==> flow/design.v <==
module core_mplex #(
  parameter NBITS = 10,
  parameter WAYS = 8,
  parameter LG = $clog2(WAYS)
) (
  input wire clk,
  input wire [WAYS*NBITS-1:0] i_data,
  input wire [LG-1:0] i_idx,
  output reg [NBITS-1:0] o_data_out
);
  wire [NBITS-1:0] nd [1:2*WAYS-1];
  genvar i;
  generate
    for (i = 0; i < WAYS; i = i + 1) begin : lane
      assign nd[WAYS+i] = i_data[i*NBITS +: NBITS];
    end
    for (i = 1; i < WAYS; i = i + 1) begin : row
      assign nd[i] = i_idx[LG - $clog2(i+1)] ? nd[2*i+1] : nd[2*i];
    end
  endgenerate
  always @(posedge clk)
    o_data_out <= nd[1];
endmodule
Step by step through the tools: core_mplex
Tool output for the design above, in the order of the flow.
Lines are those of the file above, counted from 1.
Operators carry their Yosys type and port widths (W data, S select, Z words).
Cell names lack the library's common part.
{"block": "design", "design": "core_mplex", "clock": "clk", "lib": "sky130hd", "corner": "tt_025C_1v80"}

Elaborated design
Counts by Yosys on the flattened word-level netlist (proc, flatten, opt, wreduce; memories kept). Register bits leave out memories and registers merged into their read ports (data or address); mux counts leave out enables and synchronous resets folded into registers. Print and check cells are left out. Cells with the same type and inputs are merged into one.
{"block": "word_totals", "input_bits": 84, "out_inout_bits": 10, "reg_bits": 10}
{"block": "classes", "n_mux": 7}
{"block": "ops", "operator": "$mux W10", "n": 7}

Depth
Depth = most cells in a row (Yosys ltp): at word level without a register or memory, in the mapped netlist without a sequential cell, where the memories' decode and read muxes count.
{"block": "logic_depth", "depth_word": 3, "ABC_AREA": 0, "mapped_depth": 3, "depth_no_buf": 2}

Netlist
The flow's flattened synthesis, as Yosys stat reports it; memories are mapped. The netlist is that of the ABC_AREA named above (0 if unset); the other value can give another one.
{"block": "by_type", "cell": "mux4_1", "n": 20, "area_total_um2": 525.504}
{"block": "by_type", "cell": "dfxtp_1", "n": 10, "area_total_um2": 200.192}
{"block": "by_type", "cell": "mux2_2", "n": 10, "area_total_um2": 112.608}
{"block": "by_type", "cell": "buf_6", "n": 2, "area_total_um2": 22.522}
{"block": "by_type", "cell": "clkbuf_1", "n": 2, "area_total_um2": 7.507}
{"block": "by_type", "cell": "buf_1", "n": 1, "area_total_um2": 3.754}
{"block": "synth_totals", "mapped_area_um2": 872.1, "flip_flops": 10, "mapped_cells": 45, "buffers": 5, "seqArea_um2": 200.2}

Worst setup path after synthesis
OpenSTA on the mapped netlist: ideal clock, no wires. The path of least setup slack (recovery checks aside). Input and output delay are each 20% of the period. Register names are those of the netlist, which keeps one name where synthesis merged equal registers.
{"block": "synth_path", "path_kind": "input-to-reg", "from": "input port i_idx[0]", "to": "register o_data_out[0]", "period_ns": 1.61, "driving_pins": 3, "required_ns": 1.489, "path_buffers": 1, "input_delay_ns": 0.322, "delay_ns": 1.032, "arrival_time_ns": 1.233, "setup_slack_ns": 0.256, "launch_ns": 0.322, "setup_time_ns": 0.121, "synth_period_reached_ns": 1.354}
"delay_ns" = arrival - input delay + setup time.
"driving_pins" counts driving pins, that of a launching flip-flop among them; a cell with two outputs on the path counts twice.
"synth_period_reached_ns" is the clock period less the worst setup slack; recovery checks do not enter. This is arithmetic on one report: input and output delays are still those of the set period (20% each).
The rows between start and end are the longest chain of elaborated cells between them; the timing report does not say that the signal goes this way. Where chains are equally long, one stands for them.
Each line given opens the expression or statement behind the cell; cells for indexed reads and writes are added by Yosys, which also makes memories of some case tables.
{"block": "synth_between", "path_cell_list": "buf_6 mux4_1 mux2_2", "elab_chain_cells": 3, "cells_between": 7, "lines_between": 1, "classes_between": "mux: 7"}
{"block": "synth_lines", "item": "from (decl)", "line": 8, "source": "input wire [LG-1:0] i_idx,"}
{"block": "synth_lines", "item": "$mux W10 (3 in a row)", "line": 18, "source": "assign nd[i] = i_idx[LG - $clog2(i+1)] ? nd[2*i+1] : nd[2*i];"}
{"block": "synth_lines", "item": "to (assign)", "line": 22, "source": "o_data_out <= nd[1];"}
{"block": "synth_lines", "item": "to (decl)", "line": 9, "source": "output reg [NBITS-1:0] o_data_out"}

Path in the finished layout
From the final timing report of run 2: the path of least setup slack in the routed layout; clock arrival at registers is part of the times.
{"block": "layout_path", "path_kind": "input-to-reg", "from": "input port i_idx[0]", "to": "register o_data_out[1]", "path_buffers": 2, "launch_ns": 0.32, "period_ns": 1.61, "input_delay_ns": 0.32, "driving_pins": 4, "setup_time_ns": 0.11, "required_ns": 1.79, "arrival_time_ns": 1.77, "setup_slack_ns": 0.02}
The rows between start and end are the longest chain of elaborated cells between them; the timing report does not say that the signal goes this way. Where chains are equally long, one stands for them.
{"block": "layout_between", "path_cell_list": "dlygate4sd2_1 buf_4 mux4_1 mux2_2", "elab_chain_cells": 3, "cells_between": 7, "lines_between": 1, "classes_between": "mux: 7"}
{"block": "layout_lines", "item": "from (decl)", "line": 8, "source": "input wire [LG-1:0] i_idx,"}
{"block": "layout_lines", "item": "$mux W10 (3 in a row)", "line": 18, "source": "assign nd[i] = i_idx[LG - $clog2(i+1)] ? nd[2*i+1] : nd[2*i];"}
{"block": "layout_lines", "item": "to (assign)", "line": 22, "source": "o_data_out <= nd[1];"}
{"block": "layout_lines", "item": "to (decl)", "line": 9, "source": "output reg [NBITS-1:0] o_data_out"}

==> runs of core_mplex <==
Top module core_mplex; platform sky130hd; tools Yosys and OpenROAD; 3 stored runs in no particular order. Input and output delays are each 20% of the period that was set; the output load is 0.01 pF.
"period_less_ws_ns" = clock period - worst setup slack. The figure is calculated, with input and output delays left at 20% of the set period.
"worst_path_allowed_less_slack_ns" is the time allowed to the run's worst setup path (the clock period less input and output delay, where it has them) less its slack. Clock arrival times count: a late capture clock shortens it, a late launch clock lengthens it.
By "power_total_uw" is meant OpenSTA's value without simulated activity: inputs other than the clock are taken to toggle once in ten clock periods, and the tool carries that through the logic.

Run 1
==> flow/run.sh <==
#!/bin/bash
# the make line also repeats the synthesis and layout settings of config.mk as NAME=value (left out here)
make -C /OpenROAD-flow-scripts/flow DESIGN_CONFIG=/design/flow/config.mk WORK_HOME=/design/flow/orfs CLKGATE_MAP_FILE= finish
==> flow/config.mk <==
export PLATFORM = sky130hd
export DESIGN_NAME = core_mplex
export DESIGN_NICKNAME = core_mplex
export VERILOG_FILES = /design/flow/design.v
export SDC_FILE = /design/flow/constraint.sdc
export NUM_CORES = 4
export LEC_CHECK = 0
export CAP_MARGIN = 20
export CELL_PAD_IN_SITES_DETAIL_PLACEMENT = 0
export CELL_PAD_IN_SITES_GLOBAL_PLACEMENT = 0
export CORE_MARGIN = 2
export CORE_UTILIZATION = 46
export GPL_TIMING_DRIVEN = 0
export MIN_ROUTING_LAYER = met1
export PLACE_DENSITY_LB_ADDON = 0.19
export SLEW_MARGIN = 20
==> flow/constraint.sdc <==
create_clock -name core_clock -period 0.862 [get_ports {clk}]
set_input_delay 0.1724 -clock core_clock [delete_from_list [all_inputs] [get_ports {clk}]]
set_output_delay 0.1724 -clock core_clock [all_outputs]
set_load 0.01 [all_outputs]

==> results of run 1, as JSON <==
{
  "outcome": "no final report: placement broke off with FLW-0024"
}

Run 2
==> flow/run.sh <==
#!/bin/bash
# the make line also repeats the synthesis and layout settings of config.mk as NAME=value (left out here)
make -C /OpenROAD-flow-scripts/flow DESIGN_CONFIG=/design/flow/config.mk WORK_HOME=/design/flow/orfs CLKGATE_MAP_FILE= finish
==> flow/config.mk <==
export PLATFORM = sky130hd
export DESIGN_NAME = core_mplex
export DESIGN_NICKNAME = core_mplex
export VERILOG_FILES = /design/flow/design.v
export SDC_FILE = /design/flow/constraint.sdc
export NUM_CORES = 4
export LEC_CHECK = 0
export CAP_MARGIN = 20
export CORE_MARGIN = 2
export CORE_UTILIZATION = 40
export SLEW_MARGIN = 20
==> flow/constraint.sdc <==
create_clock -name core_clock -period 1.61 [get_ports {clk}]
set_input_delay 0.3220 -clock core_clock [delete_from_list [all_inputs] [get_ports {clk}]]
set_output_delay 0.3220 -clock core_clock [all_outputs]
set_load 0.01 [all_outputs]

==> results of run 2, as JSON <==
{
  "power_total_uw": 1048,
  "post_route_util_frac": 0.952,
  "yosys.chip_area_um2": 872.1,
  "die_area_um2": 2569.5,
  "final_setup_tns_ns": 0.000,
  "setup_ws_ns": 0.022,
  "period_less_ws_ns": 1.588,
  "stdcell_area_um2": 1905.6,
  "worst_hold_slack_ns": 0.883,
  "worst_path_allowed_less_slack_ns": 1.27,
  "worstPathKind": "input-to-reg"
}

Run 3
==> flow/run.sh <==
#!/bin/bash
# the make line also repeats the synthesis and layout settings of config.mk as NAME=value (left out here)
make -C /OpenROAD-flow-scripts/flow DESIGN_CONFIG=/design/flow/config.mk WORK_HOME=/design/flow/orfs CLKGATE_MAP_FILE= finish
==> flow/config.mk <==
export PLATFORM = sky130hd
export DESIGN_NAME = core_mplex
export DESIGN_NICKNAME = core_mplex
export VERILOG_FILES = /design/flow/design.v
export SDC_FILE = /design/flow/constraint.sdc
export NUM_CORES = 4
export LEC_CHECK = 0
export ABC_AREA = 1
export CAP_MARGIN = 20
export CORE_MARGIN = 2
export CORE_UTILIZATION = 25
export GPL_ROUTABILITY_DRIVEN = 1
export MIN_ROUTING_LAYER = met1
export PLACE_DENSITY_LB_ADDON = 0.28
export SETUP_SLACK_MARGIN = 0.07
export SLEW_MARGIN = 20
==> flow/constraint.sdc <==
create_clock -name core_clock -period 1.25 [get_ports {clk}]
set_input_delay 0.2500 -clock core_clock [delete_from_list [all_inputs] [get_ports {clk}]]
set_output_delay 0.2500 -clock core_clock [all_outputs]
set_load 0.01 [all_outputs]

==> results of run 3, as JSON <==
{
  "power_total_uw": 1473,
  "post_route_util_frac": 0.487,
  "yosys.chip_area_um2": 1347.5,
  "die_area_um2": 5993.1,
  "final_setup_tns_ns": 0.000,
  "setup_ws_ns": 0.159,
  "period_less_ws_ns": 1.091,
  "stdcell_area_um2": 2501.2,
  "worst_hold_slack_ns": 0.542,
  "worst_path_allowed_less_slack_ns": 0.84,
  "worstPathKind": "input-to-reg"
}
